==> flow/design.v <==
module my_multiplier #(
  parameter W = 14,
  parameter MULT_BY = 1445,
  parameter OUT_W = W + $clog2(MULT_BY + 1)
) (
  input  aclk,
  input  [W-1:0] lhs,
  output [OUT_W-1:0] out
);
  reg [W-1:0] r_lhs;
  always @(posedge aclk)
    r_lhs <= lhs;
  assign out = r_lhs * MULT_BY;
endmodule
# From RTL to reports: my_multiplier
# Tool output for the design above, in the order of the flow.
# Lines are those of the file above, counted from 1.
# A cell with -- has no value.
# inputs
top	my_multiplier
clock	aclk
library	sky130hd
pvt_corner	tt_025C_1v80

# Word-level counts
# Yosys after proc, flatten, opt, wreduce and memory -nomap, before mapping. Enables and synchronous resets that opt folds into registers are not counted as muxes. Memory bits, and registers merged into a memory's read port (data or address), are not among the register bits. Print and check cells are not counted. Equal cells are merged and count once.
# word_totals
input_bits	15
word_cells	2
register_bits	14
out_inout_bits	25
# classes
n_mul	1
# op_table
op	n
multiplier 14 x 11 -> 25 bit with constant B	1

# Longest topological paths
# Longest topological path by Yosys (ltp), each cell counted once; first at word level (registers and memories cut), then after technology mapping (sequential cells cut; the memories' decode and read muxes count).
# logic_depth
word_depth	1
ABC_AREA	0
depth_mapped	18
depth_no_buf	17

# Netlist
# Source: synth_stat.txt of the flow (Yosys; design flattened, memories mapped). It holds for the ABC_AREA given above (unset counts as 0); a run with the other value may have another netlist.
# types
cell_type	n	area_total_um2
sky130_fd_sc_hd__ha_1	80	1000.96
sky130_fd_sc_hd__fa_1	38	760.73
sky130_fd_sc_hd__inv_1	92	345.331
sky130_fd_sc_hd__dfxtp_1	14	280.269
sky130_fd_sc_hd__xnor2_1	13	113.859
sky130_fd_sc_hd__a21oi_1	16	80.077
sky130_fd_sc_hd__xor2_1	8	70.067
sky130_fd_sc_hd__a21o_1	5	37.536
sky130_fd_sc_hd__a31oi_1	6	37.536
sky130_fd_sc_hd__nand2_1	10	37.536
sky130_fd_sc_hd__nand3_1	6	30.029
sky130_fd_sc_hd__nor2_1	8	30.029
sky130_fd_sc_hd__o21ai_0	5	25.024
sky130_fd_sc_hd__and2_1	3	18.768
sky130_fd_sc_hd__nand2b_1	3	18.768
sky130_fd_sc_hd__o21ai_2	2	17.517
sky130_fd_sc_hd__a221oi_2	1	15.014
sky130_fd_sc_hd__buf_4	2	15.014
# Not listed: further types 23, cells in them 31.
# mapped
area_um2	3151.8
buf_cells	7
seq_area_um2	280.3
ffs	14
cell_count	343

# Path before layout
# OpenSTA on the mapped netlist: ideal clock, no wires. The path of least setup slack (recovery checks aside). Input and output delay are each 20% of the period. Register names are those of the netlist, which keeps one name where synthesis merged equal registers.
# synth_path
kind	reg2out
from	register r_lhs[1]
to	output out[23]
required_time_ps	5696
clock_period_ps	7120
output_delay_ps	1424
driving_pins	18
path_delay_ps	4559
n_path_buf	0
arrival_time_ps	4559
path_slack_ps	1137
launch_ps	0
period_less_setup_slack_ps	5983
# "path_delay_ps" = arrival - input delay + setup time.
# At an output port there is no setup time.
# "driving_pins": output pins that drive a net of the path, with the launching flip-flop's if there is one; two outputs of one cell count as two.
# "period_less_setup_slack_ps" is the clock period less the worst setup slack; recovery checks do not enter. This is arithmetic on one report: input and output delays are still those of the set period (20% each).
# Between the ends stands the longest chain of elaborated cells between them, by number of cells; it is not shown to be the way that was timed. Of several equally long chains one is given.
# A line is the first line of the expression or statement that the cell stems from. Yosys adds cells for indexed reads and writes and turns some case tables into memories.
# synth_via
path_cell_list	sky130_fd_sc_hd__dfxtp_1 -> sky130_fd_sc_hd__ha_1 -> sky130_fd_sc_hd__xor2_1 -> sky130_fd_sc_hd__ha_1 -> sky130_fd_sc_hd__or2_2 -> sky130_fd_sc_hd__fa_1 -> sky130_fd_sc_hd__inv_1 -> sky130_fd_sc_hd__fa_1 -> sky130_fd_sc_hd__fa_1 -> sky130_fd_sc_hd__inv_1 -> sky130_fd_sc_hd__ha_1 -> sky130_fd_sc_hd__and2_4 -> sky130_fd_sc_hd__and3_4 -> sky130_fd_sc_hd__a221oi_2 -> sky130_fd_sc_hd__o21ai_2 -> sky130_fd_sc_hd__a31o_1 -> sky130_fd_sc_hd__a21oi_2 -> sky130_fd_sc_hd__xnor2_1
elab_chain_len	1
cells_between	1
lines_between	1
cone_classes	mul (1)
# synth_rtl
item	line_no	source
from (decl)	10	reg [W-1:0] r_lhs;
from (assign)	12	r_lhs <= lhs;
multiplier 14 x 11 -> 25 bit	13	assign out = r_lhs * MULT_BY;
to (decl)	8	output [OUT_W-1:0] out
# Some nets on the timed path still bear RTL names; the line given drives or declares the net.
# synth_nets
signal	line_no
out[3]	13

# Worst path after layout
# Path of least setup slack in the final report of entry B (OpenROAD, finished layout, wires in). Where an end is a register, its clock arrival counts in the times.
# The report prints the path's times to 10 ps; the period is as set.
# layout_path
kind	reg2out
from	register r_lhs[7]
to	output out[23]
arrival_time_ps	5450
required_time_ps	5700
launch_ps	230
driving_pins	19
n_path_buf	1
clock_period_ps	7120
output_delay_ps	1420
path_slack_ps	240
# Between the ends stands the longest chain of elaborated cells between them, by number of cells; it is not shown to be the way that was timed. Of several equally long chains one is given.
# layout_via
path_cell_list	sky130_fd_sc_hd__dfxtp_1 -> sky130_fd_sc_hd__ha_1 -> sky130_fd_sc_hd__inv_1 -> sky130_fd_sc_hd__fa_1 -> sky130_fd_sc_hd__inv_1 -> sky130_fd_sc_hd__fa_1 -> sky130_fd_sc_hd__inv_1 -> sky130_fd_sc_hd__fa_1 -> sky130_fd_sc_hd__fa_1 -> sky130_fd_sc_hd__inv_1 -> sky130_fd_sc_hd__ha_1 -> sky130_fd_sc_hd__and2_4 -> sky130_fd_sc_hd__and3_4 -> sky130_fd_sc_hd__a221oi_4 -> sky130_fd_sc_hd__o21ai_2 -> sky130_fd_sc_hd__a31o_1 -> sky130_fd_sc_hd__a21oi_2 -> sky130_fd_sc_hd__xnor2_1 -> sky130_fd_sc_hd__clkdlybuf4s50_1
elab_chain_len	1
cells_between	1
lines_between	1
cone_classes	mul (1)
# layout_rtl
item	line_no	source
from (decl)	10	reg [W-1:0] r_lhs;
from (assign)	12	r_lhs <= lhs;
multiplier 14 x 11 -> 25 bit	13	assign out = r_lhs * MULT_BY;
to (decl)	8	output [OUT_W-1:0] out

# Record of 3 stored runs of the RTL-to-layout flow on my_multiplier, platform sky130hd. The runs are unordered. Constraints: input delay and output delay 20% of the set period each, output load 0.01 pF.
# "timing.achieved_period_ps": clock period set for the run, less the worst setup slack. It is reckoned from that one timing run; input and output delays stay at 20% of the period that was set.
# "worst_path_time_ps": the worst setup path's part of the clock period (all of it between registers, 20% less for each end at a port) less its slack. A launch clock that arrives late makes it longer, a capture clock that arrives late makes it shorter.
# "power_mw" is the tool's figure for a default switching activity; nothing was simulated.
# "worst_path_time_ps" is given in steps of 10 ps.
# A setting shown as . is not set for that run.
# Among the results, . means that no value is shown for the run.
stored run	period_ns	CORE_UTILIZATION	SETUP_SLACK_MARGIN	PLACE_DENSITY	CELL_PAD_IN_SITES_DETAIL_PLACEMENT	GPL_ROUTABILITY_DRIVEN	CTS_CLUSTER_DIAMETER	SLEW_MARGIN	CAP_MARGIN	CORE_MARGIN	PLACE_DENSITY_LB_ADDON	HOLD_SLACK_MARGIN	CELL_PAD_IN_SITES_GLOBAL_PLACEMENT	GPL_TIMING_DRIVEN	synth_chip_area_um2	design.die.area_um2	post_route_stdcell_area_um2	final_util_pct	setup_worst_slack_ps	setup_tns_ps	holdWs_ps	power_mw	timing.achieved_period_ps	worst_path_time_ps	worst_path_kind
entry A	5.61	66	1.3	0.52	1	1	130	20	20	2	.	.	.	.	.	.	.	.	.	.	.	.	.	.	.
entry B	7.12	40	.	.	.	.	.	20	20	2	.	.	.	.	3151.8	8605.4	3707.3	48.2	244	0	1617	1.784	6876	5450	reg2out
entry C	4.07	39	-0.4	.	0	.	381	20	20	6	0.24	0.09	2	0	3151.8	10382.6	4430.5	57.0	-1374	-16040	1003	3.962	5444	4630	reg2out
# Entry A: not finished: placement ended with error DPL-0033
